==> flow/design.v <==
module ex_compare_mod #(
  parameter W = 128
) (
  input wire core_clk,
  input wire rst_ni,
  input wire [W-1:0] da,
  input wire [W-1:0] db,
  output reg a_lt_b,
  output reg a_eq_b
);
  reg [W-1:0] da_reg;
  reg [W-1:0] db_reg;
  always @(posedge core_clk) begin
    if (!rst_ni) begin
      da_reg <= 0;
      db_reg <= 0;
    end else begin
      da_reg <= da;
      db_reg <= db;
    end
  end
  wire [W:0] r;
  assign r = {1'b0, da_reg} - {1'b0, db_reg};
  always @(posedge core_clk) begin
    if (!rst_ni) begin
      a_lt_b <= 1'b0;
      a_eq_b <= 1'b0;
    end else begin
      a_lt_b <= r[W];
      a_eq_b <= ~|r[W-1:0];
    end
  end
endmodule
# Step by step through the tools: ex_compare_mod
# What the tools print for ex_compare_mod, step after step.
# Lines are those of the file above, counted from 1.
# Library cell names are shortened.
# A cell with n/a has no value.
[design]
top_module = "ex_compare_mod"
clk_port = "core_clk"
library = "sky130hd"
pvt_corner = "tt_025C_1v80"

# Word level
# Source: Yosys, flattened and elaborated, memories not mapped. Widths are those after wreduce; folded enables and synchronous resets count as part of the registers. Registers that Yosys merges into a memory's read port (data or address) are not register bits. Print and check cells do not count. Equal cells are merged and count once.
[bits]
regBits = 258
inputBits = 258
output_inout_bits = 2
elab_cells = 7
[op_classes]
n_addsub = 1
reduce_and_logical = 2
[ops]
columns = ["cell", "count"]
rows = [
  ["128-bit by 128-bit subtractor with 129-bit output", 1],
  ["128-bit OR reduction", 1],
  ["1-bit zero test", 1],
]

# Depth
# Depth = most cells in a row (Yosys ltp): at word level without a register or memory, in the mapped netlist without a sequential cell, where the memories' decode and read muxes count.
[depth]
word_depth = 3
ABC_AREA = 0
depth_mapped = 16
ltp_nobuf = 16

# After synthesis
# Source: synth_stat.txt of the flow (Yosys; design flattened, memories mapped). It holds for the ABC_AREA given above (unset counts as 0); a run with the other value may have another netlist.
# Totals and module areas in this step are rounded.
[by_type]
columns = ["type", "count", "area_total_um2"]
rows = [
  ["dfxtp_1", 258, 5.16E+03],
  ["and2_1", 266, 1.66E+03],
  ["ha_1", 128, 1.6E+03],
  ["a21oi_1", 221, 1.11E+03],
  ["nand2_1", 201, 754.474],
  ["o21ai_0", 137, 685.658],
  ["inv_1", 170, 638.112],
  ["nand4_1", 95, 594.32],
  ["nor2_1", 135, 506.736],
  ["xnor2_1", 36, 315.302],
  ["xor2_1", 35, 306.544],
  ["clkbuf_1", 72, 270.259],
  ["nor3_1", 52, 260.25],
  ["nand3_1", 45, 225.216],
  ["o21bai_1", 26, 195.187],
  ["o21a_1", 25, 187.68],
  ["o21ai_1", 37, 185.178],
  ["a21o_1", 23, 172.666],
]
# Not listed: further types 70, cells in them 366.
[mapped]
stdcells = 2328
area_mm2 = 0.01773
seqArea_mm2 = 0.005165
ffs = 258
buf_cells = 115

# Worst setup path after synthesis
# Path of least setup slack by OpenSTA after synthesis, without wires, with an ideal clock, recovery checks aside; 20% of the period is set as input and as output delay. Where synthesis merged equal registers, the netlist keeps one of their names.
[synth_timing]
path_kind = "register to register"
startpoint = "register da_reg[0]"
endpoint = "register a_eq_b"
period_ns = 5.39
setup_ns = 0.088
t_first_pin_ns = 0.000
t_arrival_ns = 4.221
required_time_ns = 5.302
path_slack_ns = 1.081
delay_ns = 4.309
stages = 17
path_buffers = 0
synth_period_reached_ns = 4.309
# "delay_ns" is the arrival time less input delay plus setup time.
# "stages": output pins that drive a net of the path, with the launching flip-flop's if there is one; two outputs of one cell count as two.
# "synth_period_reached_ns" = period - worst setup slack (recovery checks aside). The figure is calculated, with input and output delays left at 20% of the set period.
# The rows between start and end are the longest chain of elaborated cells between them; the timing report does not say that the signal goes this way. Where chains are equally long, one stands for them.
# Each line given opens the expression or statement behind the cell; cells for indexed reads and writes are added by Yosys, which also makes memories of some case tables.
[synth_via]
cell_sequence = "dfxtp_1 > inv_1 > ha_1 > fa_1 > nand2b_1 > a211oi_1 > o21ai_1 > and2_1 > xnor2_1 > or4_1 > nor4_1 > nand4_1 > nor4_1 > nand4_1 > or4_1 > or4_1 > nor4_2"
elab_chain_len = 3
cells_between = 3
cone_lines = 2
cone_classes = "add/sub: 1; reduce/logical: 2"
[synth_rtl]
columns = ["item", "line_no", "text"]
rows = [
  ["from (decl)", 11, "reg [W-1:0] da_reg;"],
  ["from (assign)", 15, "da_reg <= 0;"],
  ["from (assign)", 18, "da_reg <= da;"],
  ["128-bit by 128-bit subtractor with 129-bit output", 23, "assign r = {1'b0, da_reg} - {1'b0, db_reg};"],
  ["128-bit OR reduction", 30, "a_eq_b <= ~|r[W-1:0];"],
  ["1-bit zero test", 30, ""],
  ["to (assign)", 27, "a_eq_b <= 1'b0;"],
  ["to (assign)", 30, ""],
  ["to (decl)", 9, "output reg a_eq_b"],
]

# Worst path after layout
# From the final timing report of run 1: the path of least setup slack in the routed layout; clock arrival at registers is part of the times.
[layout_timing]
path_kind = "register to register"
startpoint = "register db_reg[19]"
endpoint = "register a_eq_b"
period_ns = 5.39
setup_ns = 0.09
t_first_pin_ns = 0.55
t_arrival_ns = 5.63
required_time_ns = 5.85
path_slack_ns = 0.22
stages = 16
path_buffers = 1
# The rows between start and end are the longest chain of elaborated cells between them; the timing report does not say that the signal goes this way. Where chains are equally long, one stands for them.
[layout_via]
cell_sequence = "dfxtp_1 > inv_1 > ha_1 > nand4_1 > or4_1 > a2111oi_1 > nor3_2 > a21oi_1 > xor2_1 > a2111o_1 > nor4_1 > buf_4 > nand4_1 > or4_1 > or4_1 > nor4_2"
elab_chain_len = 3
cells_between = 3
cone_lines = 2
cone_classes = "add/sub: 1; reduce/logical: 2"
[layout_rtl]
columns = ["item", "line_no", "text"]
rows = [
  ["from (decl)", 12, "reg [W-1:0] db_reg;"],
  ["from (assign)", 16, "db_reg <= 0;"],
  ["from (assign)", 19, "db_reg <= db;"],
  ["128-bit by 128-bit subtractor with 129-bit output", 23, "assign r = {1'b0, da_reg} - {1'b0, db_reg};"],
  ["128-bit OR reduction", 30, "a_eq_b <= ~|r[W-1:0];"],
  ["1-bit zero test", 30, ""],
  ["to (assign)", 27, "a_eq_b <= 1'b0;"],
  ["to (assign)", 30, ""],
  ["to (decl)", 9, "output reg a_eq_b"],
]

Data sheet: physical implementation of ex_compare_mod

3 stored runs of ex_compare_mod in the flow (synthesis by Yosys, layout by OpenROAD, sky130hd cells), in arbitrary order. Constraints: input delay and output delay 20% of the set period each, output load 0.01 pF.
"worst_path_allowed_less_slack_ns" is the time allowed to the run's worst setup path (the clock period less input and output delay, where it has them) less its slack. Clock arrival times count: a late capture clock shortens it, a late launch clock lengthens it.
"design_power_uw" rests on the timing tool's default activity at the inputs, not on a simulated workload.
The measured numbers are rounded.

# run 1
==> flow/run.sh <==
#!/bin/bash
# the make line also repeats the synthesis and layout settings of config.mk as NAME=value (left out here)
make -C /OpenROAD-flow-scripts/flow DESIGN_CONFIG=/design/flow/config.mk WORK_HOME=/design/flow/orfs CLKGATE_MAP_FILE= finish
==> flow/config.mk <==
export PLATFORM = sky130hd
export DESIGN_NAME = ex_compare_mod
export DESIGN_NICKNAME = ex_compare_mod
export VERILOG_FILES = /design/flow/design.v
export SDC_FILE = /design/flow/constraint.sdc
export NUM_CORES = 4
export LEC_CHECK = 0
export CAP_MARGIN = 20
export CORE_MARGIN = 2
export CORE_UTILIZATION = 40
export SLEW_MARGIN = 20
==> flow/constraint.sdc <==
create_clock -name core_clock -period 5.39 [get_ports {core_clk}]
set_input_delay 1.0780 -clock core_clock [delete_from_list [all_inputs] [get_ports {core_clk}]]
set_output_delay 1.0780 -clock core_clock [all_outputs]
set_load 0.01 [all_outputs]

==> run 1: results <==
tns_setup_ns=0.000
die_footprint_mm2=0.04603
holdWs_ns=0.582
worst_path_allowed_less_slack_ns=5.17
critical_path_kind="register to register"
final_setup_ws_ns=0.219
synthesis_area_mm2=0.01773
utilization_pct=49.9
finish.stdcell_area_mm2=0.02197
design_power_uw=6147

# run 2
==> flow/run.sh <==
#!/bin/bash
# the make line also repeats the synthesis and layout settings of config.mk as NAME=value (left out here)
make -C /OpenROAD-flow-scripts/flow DESIGN_CONFIG=/design/flow/config.mk WORK_HOME=/design/flow/orfs CLKGATE_MAP_FILE= finish
==> flow/config.mk <==
export PLATFORM = sky130hd
export DESIGN_NAME = ex_compare_mod
export DESIGN_NICKNAME = ex_compare_mod
export VERILOG_FILES = /design/flow/design.v
export SDC_FILE = /design/flow/constraint.sdc
export NUM_CORES = 4
export LEC_CHECK = 0
export ABC_AREA = 0
export CAP_MARGIN = 20
export CORE_ASPECT_RATIO = 1.66
export CORE_MARGIN = 2
export CORE_UTILIZATION = 15
export CTS_CLUSTER_DIAMETER = 55
export CTS_CLUSTER_SIZE = 74
export GPL_TIMING_DRIVEN = 1
export HOLD_SLACK_MARGIN = 0.0
export PLACE_DENSITY_LB_ADDON = 0.27
export SETUP_SLACK_MARGIN = 0.48
export SLEW_MARGIN = 5
==> flow/constraint.sdc <==
create_clock -name core_clock -period 4.35 [get_ports {core_clk}]
set_input_delay 0.8700 -clock core_clock [delete_from_list [all_inputs] [get_ports {core_clk}]]
set_output_delay 0.8700 -clock core_clock [all_outputs]
set_load 0.01 [all_outputs]

==> run 2: results <==
tns_setup_ns=-0.265
die_footprint_mm2=0.1211
holdWs_ns=0.609
worst_path_allowed_less_slack_ns=4.62
critical_path_kind="register to register"
final_setup_ws_ns=-0.265
synthesis_area_mm2=0.01773
utilization_pct=24.3
finish.stdcell_area_mm2=0.02848
design_power_uw=9589

# run 3
==> flow/run.sh <==
#!/bin/bash
# the make line also repeats the synthesis and layout settings of config.mk as NAME=value (left out here)
make -C /OpenROAD-flow-scripts/flow DESIGN_CONFIG=/design/flow/config.mk WORK_HOME=/design/flow/orfs CLKGATE_MAP_FILE= finish
==> flow/config.mk <==
export PLATFORM = sky130hd
export DESIGN_NAME = ex_compare_mod
export DESIGN_NICKNAME = ex_compare_mod
export VERILOG_FILES = /design/flow/design.v
export SDC_FILE = /design/flow/constraint.sdc
export NUM_CORES = 4
export LEC_CHECK = 0
export ABC_AREA = 1
export CAP_MARGIN = 20
export CELL_PAD_IN_SITES_DETAIL_PLACEMENT = 0
export CELL_PAD_IN_SITES_GLOBAL_PLACEMENT = 0
export CORE_MARGIN = 6
export CORE_UTILIZATION = 70
export CTS_CLUSTER_DIAMETER = 394
export CTS_CLUSTER_SIZE = 27
export MIN_ROUTING_LAYER = met2
export SLEW_MARGIN = 20
==> flow/constraint.sdc <==
create_clock -name core_clock -period 3.62 [get_ports {core_clk}]
set_input_delay 0.7240 -clock core_clock [delete_from_list [all_inputs] [get_ports {core_clk}]]
set_output_delay 0.7240 -clock core_clock [all_outputs]
set_load 0.01 [all_outputs]

==> run 3: results <==
outcome="no final report: routing broke off with GRT-0116"
